==> flow/design.v <==
module gen_arith_add_rtl #(
    parameter integer WD = 14
) (
    input  logic core_clk,
    input  logic srst,
    input  logic step,
    input  logic [WD-1:0] u,
    input  logic [WD-1:0] v,
    input  logic cy_in,
    output logic [WD-1:0] res,
    output logic cy
);
    logic [WD-1:0] t;
    logic c;
    always_comb begin
        c = cy_in;
        for (int i = 0; i < WD; i++) begin
            t[i] = u[i] ^ v[i] ^ c;
            c = (u[i] & v[i]) | (c & (u[i] | v[i]));
        end
    end
    always_ff @(posedge core_clk or posedge srst) begin
        if (srst) begin
            res <= '0;
        end else if (step) begin
            res <= t;
        end
    end
    always_ff @(posedge core_clk or posedge srst) begin
        if (srst) begin
            cy <= 1'b0;
        end else if (step) begin
            cy <= c;
        end
    end
endmodule
Reports on gen_arith_add_rtl
Tool output for the design above, in the order of the flow. Line numbers count from 1 in the design file above. Library cell names are shortened. Not given: n/a

Top: gen_arith_add_rtl. Clock port: core_clk. Standard-cell library: sky130hd. Timing corner: tt_025C_1v80.

Word level
Yosys after proc, flatten, opt, wreduce and memory -nomap, before mapping. Enables and synchronous resets that opt folds into registers are not counted as muxes. Memory bits, and registers merged into a memory's read port (data or address), are not among the register bits. Print and check cells are not counted. Equal cells are merged and count once.

The figure for bits in registers is 15. The entry for latch bits reads 0. The entry for RAM bits reads 0. Under memory bits (read-only) stands 0. The figure for clocked read ports x word width is 0. Memories kept: 0. The entry for bits of input ports reads 32. For output and inout port bits the number is 15. For word-level cells the number is 86.

Add/sub/neg operators: 0. Under multipliers stands 0. Divide/modulo/power cells: 0. The entry for magnitude comparators reads 0. Under eq/ne operators stands 0. For shift operators the number is 0. For mux-type cells the number is 0. Under bitwise gates (word level) stands 84. Reductions and logical operators: 0.

Operators with widths (count): AND 1 bit (28); bitwise OR 1 bit (28); XOR 1 bit (28).

Longest topological paths
Depth = most cells in a row (Yosys ltp): at word level without a register or memory, in the mapped netlist without a sequential cell, where the memories' decode and read muxes count.

The entry for word-level depth reads 29. For ABC_AREA the number is 0. The figure for mapped depth is 18.

After synthesis
The flow's flattened synthesis, as Yosys stat reports it; memories are mapped. The netlist is that of the ABC_AREA named above (0 if unset); the other value can give another one.

Cell types: dfrtp_1 (count 15, total area 375.36 um^2); fa_1 (count 14, total area 280.269 um^2); mux2_2 (count 8, total area 90.086 um^2); mux2_4 (count 4, total area 60.058 um^2); inv_1 (count 8, total area 30.029 um^2); buf_12 (count 1, total area 20.019 um^2); a21oi_1 (count 3, total area 15.014 um^2); buf_6 (count 1, total area 11.261 um^2); nor2_1 (count 3, total area 11.261 um^2).

The figure for standard cells after synthesis is 57. Mapped area: 893.4 um^2. Under sequential part of the area stands 375.4 um^2. The entry for mapped flip-flops reads 15. Under buffer cells stands 2.

Path before layout
Source: OpenSTA report_checks on the synthesized netlist (no wires, ideal clock, input and output delay 20% of the period each), path of least setup slack; recovery checks are left aside. Register names are those of the netlist, which keeps one name where synthesis merged equal registers.

Path type: input to register. From: input port u[0]. To: register res[13]. The entry for period reads 8.53 ns. Under input delay stands 1.706 ns. For launch time at the first pin the number is 1.706 ns. For data arrival time the number is 7.090 ns. Under data required time stands 8.453 ns. Under path slack stands 1.363 ns. Delay of the path: 5.461 ns. Under driving pins on the path stands 18. The figure for buffers on the path is 0. For synthesis period reached the number is 7.167 ns.

"delay of the path" = arrival - input delay + setup time. "driving pins on the path" counts driving pins, that of a launching flip-flop among them; a cell with two outputs on the path counts twice. "synthesis period reached" is the clock period less the worst setup slack; recovery checks do not enter. This is arithmetic on one report: input and output delays are still those of the set period (20% each). Between the ends stands the longest chain of elaborated cells between them, by number of cells; it is not shown to be the way that was timed. Of several equally long chains one is given. Each line given opens the expression or statement behind the cell; cells for indexed reads and writes are added by Yosys, which also makes memories of some case tables.

Cell sequence: fa_1 > fa_1 > fa_1 > fa_1 > fa_1 > fa_1 > fa_1 > fa_1 > fa_1 > fa_1 > fa_1 > inv_1 > fa_1 > inv_1 > fa_1 > inv_1 > fa_1 > a21oi_1. The figure for cells in the longest elaborated chain is 28. Elaborated cells on any way between the ends: 29. Under source lines of those cells stands 2.

RTL lines, path after synthesis: from (decl) (RTL line 7) `input  logic [WD-1:0] u,`; bitwise OR 1 bit (RTL line 19) `c = (u[i] & v[i]) | (c & (u[i] | v[i]));`; AND 1 bit (RTL line 19); bitwise OR 1 bit (RTL line 19); AND 1 bit (RTL line 19); bitwise OR 1 bit (RTL line 19); AND 1 bit (RTL line 19); bitwise OR 1 bit (RTL line 19); (+14 left out); AND 1 bit (RTL line 19); bitwise OR 1 bit (RTL line 19); AND 1 bit (RTL line 19); bitwise OR 1 bit (RTL line 19); AND 1 bit (RTL line 19); bitwise OR 1 bit (RTL line 19); XOR 1 bit (RTL line 18) `t[i] = u[i] ^ v[i] ^ c;`; to (assign) (RTL line 24) `res <= '0;`; to (assign) (RTL line 26) `res <= t;`; to (decl) (RTL line 10) `output logic [WD-1:0] res,`.

Worst path after layout
From the final timing report of record 2: the path of least setup slack in the routed layout; clock arrival at registers is part of the times.

Path type: input to register. From: input port u[0]. To: register res[13]. The entry for period reads 12.3 ns. Under input delay stands 2.46 ns. For launch time at the first pin the number is 2.46 ns. For data arrival time the number is 8.54 ns. Under data required time stands 12.51 ns. Under path slack stands 3.98 ns. Under driving pins on the path stands 19. The figure for buffers on the path is 1.

Between the ends stands the longest chain of elaborated cells between them, by number of cells; it is not shown to be the way that was timed. Of several equally long chains one is given.

Cell sequence: clkdlybuf4s50_1 > fa_1 > fa_1 > fa_1 > fa_1 > fa_1 > fa_1 > fa_1 > fa_1 > fa_1 > fa_1 > fa_1 > inv_1 > fa_1 > inv_1 > fa_1 > inv_1 > fa_1 > a21oi_1. The figure for cells in the longest elaborated chain is 28. Elaborated cells on any way between the ends: 29. Under source lines of those cells stands 2.

RTL lines, path post-layout: from (decl) (RTL line 7) `input  logic [WD-1:0] u,`; bitwise OR 1 bit (RTL line 19) `c = (u[i] & v[i]) | (c & (u[i] | v[i]));`; AND 1 bit (RTL line 19); bitwise OR 1 bit (RTL line 19); AND 1 bit (RTL line 19); bitwise OR 1 bit (RTL line 19); AND 1 bit (RTL line 19); bitwise OR 1 bit (RTL line 19); (+14 left out); AND 1 bit (RTL line 19); bitwise OR 1 bit (RTL line 19); AND 1 bit (RTL line 19); bitwise OR 1 bit (RTL line 19); AND 1 bit (RTL line 19); bitwise OR 1 bit (RTL line 19); XOR 1 bit (RTL line 18) `t[i] = u[i] ^ v[i] ^ c;`; to (assign) (RTL line 24) `res <= '0;`; to (assign) (RTL line 26) `res <= t;`; to (decl) (RTL line 10) `output logic [WD-1:0] res,`.

Ticket comment

gen_arith_add_rtl through Yosys and OpenROAD on sky130hd: 3 stored runs, unordered, with their settings and measured results. The constraints put input and output delay at 20% of the set period each and load the outputs with 0.01 pF. "power consumption": no workload was simulated; the value follows from the tool's default switching activity.

Record 1 has these settings: period_ns 11.2; CORE_UTILIZATION 69; PLACE_DENSITY_LB_ADDON 0.03; HOLD_SLACK_MARGIN 0.06; CORE_MARGIN 6; ABC_AREA 1; GPL_TIMING_DRIVEN 0; CTS_CLUSTER_SIZE 35; CAP_MARGIN 20; SLEW_MARGIN 20. Outcome: no results, placement failed with FLW-0024.

Record 2 has these settings: period_ns 12.3; CORE_UTILIZATION 25; SETUP_SLACK_MARGIN 0.73; PLACE_DENSITY 0.88; CELL_PAD_IN_SITES_GLOBAL_PLACEMENT 2; CELL_PAD_IN_SITES_DETAIL_PLACEMENT 0; TNS_END_PERCENT 70; GPL_TIMING_DRIVEN 0; CTS_CLUSTER_SIZE 89; CAP_MARGIN 20; CORE_MARGIN 2; SLEW_MARGIN 20. The area inside the die boundary is 4067.9 um^2. For the setup slack of the worst path the run shows 3.975 ns. The power consumption comes to 0.1597 mW. The final design utilization is 42.1 %. The standard-cell area after layout is 1427.6 um^2. The Yosys chip area after synthesis comes to 893.4 um^2.

Record 3 has these settings: period_ns 8.53; CAP_MARGIN 20; CORE_MARGIN 2; CORE_UTILIZATION 40; SLEW_MARGIN 20. The area inside the die boundary is 2627.6 um^2. The standard-cell area after layout is 1385.1 um^2. The Yosys chip area after synthesis comes to 893.4 um^2. The power consumption comes to 0.2306 mW. For the setup slack of the worst path the run shows 0.957 ns. The final design utilization is 63.8 %.
